==> flow/design.v <==
module cpu_aligner_blk #(
  parameter integer WIDTH = 10,
  parameter integer LG = $clog2(WIDTH)
) (
  input  logic sys_clk,
  input  logic clr,
  input  logic step,
  input  logic [WIDTH-1:0] data,
  input  logic [LG-1:0] dist_in,
  output logic [WIDTH-1:0] y
);
  logic [WIDTH-1:0] data_ff;
  logic [LG-1:0] dist_in_ff;
  always_ff @(posedge sys_clk) begin
    if (clr) begin
      data_ff <= '0;
      dist_in_ff <= '0;
      y <= '0;
    end else if (step) begin
      data_ff <= data;
      dist_in_ff <= dist_in;
      y <= (data_ff << dist_in_ff) | (data_ff >> (WIDTH - dist_in_ff));
    end
  end
endmodule
Step by step through the tools: cpu_aligner_blk
The steps from the RTL of cpu_aligner_blk to its reports follow in flow order.
Lines are those of the file above, counted from 1.
Library cell names are shortened.
{"block": "design", "top": "cpu_aligner_blk", "clock": "sys_clk", "library": "sky130hd", "pvt_corner": "tt_025C_1v80"}

Elaborated design
Yosys after proc, flatten, opt, wreduce and memory -nomap, before mapping. Enables and synchronous resets that opt folds into registers are not counted as muxes. Memory bits, and registers merged into a memory's read port (data or address), are not among the register bits. Print and check cells are not counted. Equal cells are merged and count once.
{"block": "word_totals", "reg_bits": 24, "out_inout_bits": 10, "wordCells": 7}
{"block": "op_classes", "addsub": 1, "shifts": 2, "logic": 1}
{"block": "ops", "cell": "right shift 10 x 32 -> 10 bit", "n": 1}
{"block": "ops", "cell": "OR 10 bit", "n": 1}
{"block": "ops", "cell": "left shift 10 x 4 -> 10 bit", "n": 1}
{"block": "ops", "cell": "subtractor 4 x 4 -> 5 bit (first input constant)", "n": 1}

Longest topological paths
Depth = most cells in a row (Yosys ltp): at word level without a register or memory, in the mapped netlist without a sequential cell, where the memories' decode and read muxes count.
{"block": "logic_depth", "ltp_word": 3, "abc_area": 0, "depth_mapped": 8, "ltp_nobuf": 6}

Netlist
Source: synth_stat.txt of the flow (Yosys; design flattened, memories mapped). It holds for the ABC_AREA given above (unset counts as 0); a run with the other value may have another netlist.
The area totals of this step are shown rounded.
{"block": "synth_totals", "mapped_cells": 208, "mapped_area_um2": 1802, "sequential_area_um2": 480.5, "flip_flops": 24, "buf_cells": 18}
{"block": "by_type", "cell_type": "dfxtp_1", "n": 24}
{"block": "by_type", "cell_type": "mux2i_1", "n": 23}
{"block": "by_type", "cell_type": "mux4_2", "n": 8}
{"block": "by_type", "cell_type": "nor2_1", "n": 30}
{"block": "by_type", "cell_type": "mux2_2", "n": 6}
{"block": "by_type", "cell_type": "nand2_1", "n": 18}
{"block": "by_type", "cell_type": "a21oi_1", "n": 9}
{"block": "by_type", "cell_type": "a311oi_1", "n": 5}
{"block": "by_type", "cell_type": "buf_6", "n": 3}
{"block": "by_type", "cell_type": "a31oi_1", "n": 5}
{"block": "by_type", "cell_type": "a211oi_1", "n": 4}
{"block": "by_type", "cell_type": "buf_2", "n": 6}
{"block": "by_type", "cell_type": "clkbuf_1", "n": 8}
{"block": "by_type", "cell_type": "nand3_1", "n": 6}
{"block": "by_type", "cell_type": "o21ai_0", "n": 5}
{"block": "by_type", "cell_type": "mux2_1", "n": 2}
{"block": "by_type", "cell_type": "nand3b_1", "n": 3}
{"block": "by_type", "cell_type": "nor3_1", "n": 4}
Not listed: further types 29, cells in them 39.

Path before layout
Source: OpenSTA report_checks on the synthesized netlist (no wires, ideal clock, input and output delay 20% of the period each), path of least setup slack; recovery checks are left aside. Register names are those of the netlist, which keeps one name where synthesis merged equal registers.
{"block": "synth_timing", "kind": "reg-to-reg", "from": "register dist_in_ff[0]", "to": "register y[5]", "clock_period_ns": 2.44, "setup_ns": 0.133, "launch_ns": 0.000, "arrival_time_ns": 1.816, "setup_slack_ns": 0.491, "delay_ns": 1.949, "driving_pins": 7, "path_buffers": 0, "synth_period_reached_ns": 1.949}
"delay_ns" = arrival - input delay + setup time.
"driving_pins": output pins that drive a net of the path, with the launching flip-flop's if there is one; two outputs of one cell count as two.
"synth_period_reached_ns" is the clock period less the worst setup slack; recovery checks do not enter. This is arithmetic on one report: input and output delays are still those of the set period (20% each).
Between the ends stands the longest chain of elaborated cells between them, by number of cells; it is not shown to be the way that was timed. Of several equally long chains one is given.
Each line given opens the expression or statement behind the cell; cells for indexed reads and writes are added by Yosys, which also makes memories of some case tables.
{"block": "synth_between", "cell_sequence": "dfxtp_1 -> ha_1 -> mux4_2 -> or2_1 -> a211oi_1 -> o311a_1 -> nor3_1", "elab_chain_len": 3}
{"block": "synth_lines", "element": "from (decl)", "line_no": 13, "source": "logic [LG-1:0] dist_in_ff;"}
{"block": "synth_lines", "element": "from (assign)", "line_no": 17, "source": "dist_in_ff <= '0;"}
{"block": "synth_lines", "element": "from (assign)", "line_no": 21, "source": "dist_in_ff <= dist_in;"}
{"block": "synth_lines", "element": "subtractor 4 x 4 -> 5 bit", "line_no": 22, "source": "y <= (data_ff << dist_in_ff) | (data_ff >> (WIDTH - dist_in_ff));"}
{"block": "synth_lines", "element": "right shift 10 x 32 -> 10 bit", "line_no": 22}
{"block": "synth_lines", "element": "OR 10 bit", "line_no": 22}
{"block": "synth_lines", "element": "to (assign)", "line_no": 18, "source": "y <= '0;"}
{"block": "synth_lines", "element": "to (assign)", "line_no": 22}
{"block": "synth_lines", "element": "to (decl)", "line_no": 10, "source": "output logic [WIDTH-1:0] y"}

Worst path after layout
Path of least setup slack in the final report of flow run A (OpenROAD, finished layout, wires in). Where an end is a register, its clock arrival counts in the times.
{"block": "layout_timing", "kind": "reg-to-reg", "from": "register dist_in_ff[2]", "to": "register y[6]", "clock_period_ns": 2.44, "setup_ns": 0.07, "launch_ns": 0.27, "arrival_time_ns": 2.20, "setup_slack_ns": 0.44, "driving_pins": 6, "path_buffers": 0}
Between the ends stands the longest chain of elaborated cells between them, by number of cells; it is not shown to be the way that was timed. Of several equally long chains one is given.
{"block": "layout_between", "cell_sequence": "dfxtp_1 -> inv_2 -> mux4_2 -> nor2_1 -> a21oi_1 -> a211oi_1", "elab_chain_len": 3}
{"block": "layout_lines", "element": "from (decl)", "line_no": 13, "source": "logic [LG-1:0] dist_in_ff;"}
{"block": "layout_lines", "element": "from (assign)", "line_no": 17, "source": "dist_in_ff <= '0;"}
{"block": "layout_lines", "element": "from (assign)", "line_no": 21, "source": "dist_in_ff <= dist_in;"}
{"block": "layout_lines", "element": "subtractor 4 x 4 -> 5 bit", "line_no": 22, "source": "y <= (data_ff << dist_in_ff) | (data_ff >> (WIDTH - dist_in_ff));"}
{"block": "layout_lines", "element": "right shift 10 x 32 -> 10 bit", "line_no": 22}
{"block": "layout_lines", "element": "OR 10 bit", "line_no": 22}
{"block": "layout_lines", "element": "to (assign)", "line_no": 18, "source": "y <= '0;"}
{"block": "layout_lines", "element": "to (assign)", "line_no": 22}
{"block": "layout_lines", "element": "to (decl)", "line_no": 10, "source": "output logic [WIDTH-1:0] y"}

Ticket comment

Flow measurements of cpu_aligner_blk on sky130hd: 3 stored runs with different settings, listed in no order. Input and output delays are each 20% of the period that was set; the output load is 0.01 pF.
"timing.achieved_period_ns" means the clock period less the worst setup slack. The figure is calculated, with input and output delays left at 20% of the set period.
"total_power_w" rests on the timing tool's default activity at the inputs, not on a simulated workload.
The results are shown rounded.

{"run": "flow run A", "settings": { "period_ns": 2.44, "CAP_MARGIN": 20, "CORE_MARGIN": 2, "CORE_UTILIZATION": 40, "SLEW_MARGIN": 20 }, "results": { "ws_hold_ns": 0.486, "post_route_util_pct": 49.5, "timing.achieved_period_ns": 2.003, "final_setup_ws_ns": 0.437, "setup_tns_ns": 0.000, "total_power_w": 0.001028, "synthArea_um2": 1802, "final_die_area_um2": 5057 }}
{"run": "flow run B", "settings": { "period_ns": 3.49, "CORE_UTILIZATION": 22, "SLEW_MARGIN": 35, "CAP_MARGIN": 20, "CORE_MARGIN": 2 }, "results": { "ws_hold_ns": 0.484, "post_route_util_pct": 27.0, "timing.achieved_period_ns": 2.676, "final_setup_ws_ns": 0.814, "setup_tns_ns": 0.000, "total_power_w": 0.0007657, "synthArea_um2": 1802, "final_die_area_um2": 8929 }}
{"run": "flow run C", "settings": { "period_ns": 2.21, "CORE_UTILIZATION": 55, "PLACE_DENSITY_LB_ADDON": 0.29, "HOLD_SLACK_MARGIN": -0.03, "CORE_ASPECT_RATIO": 1.35, "TNS_END_PERCENT": 55, "GPL_TIMING_DRIVEN": 1, "GPL_ROUTABILITY_DRIVEN": 1, "CAP_MARGIN": 20, "CORE_MARGIN": 2, "SLEW_MARGIN": 20 }, "results": { "ws_hold_ns": 0.484, "post_route_util_pct": 68.8, "timing.achieved_period_ns": 2.099, "final_setup_ws_ns": 0.111, "setup_tns_ns": 0.000, "total_power_w": 0.001227, "synthArea_um2": 1802, "final_die_area_um2": 3755 }}
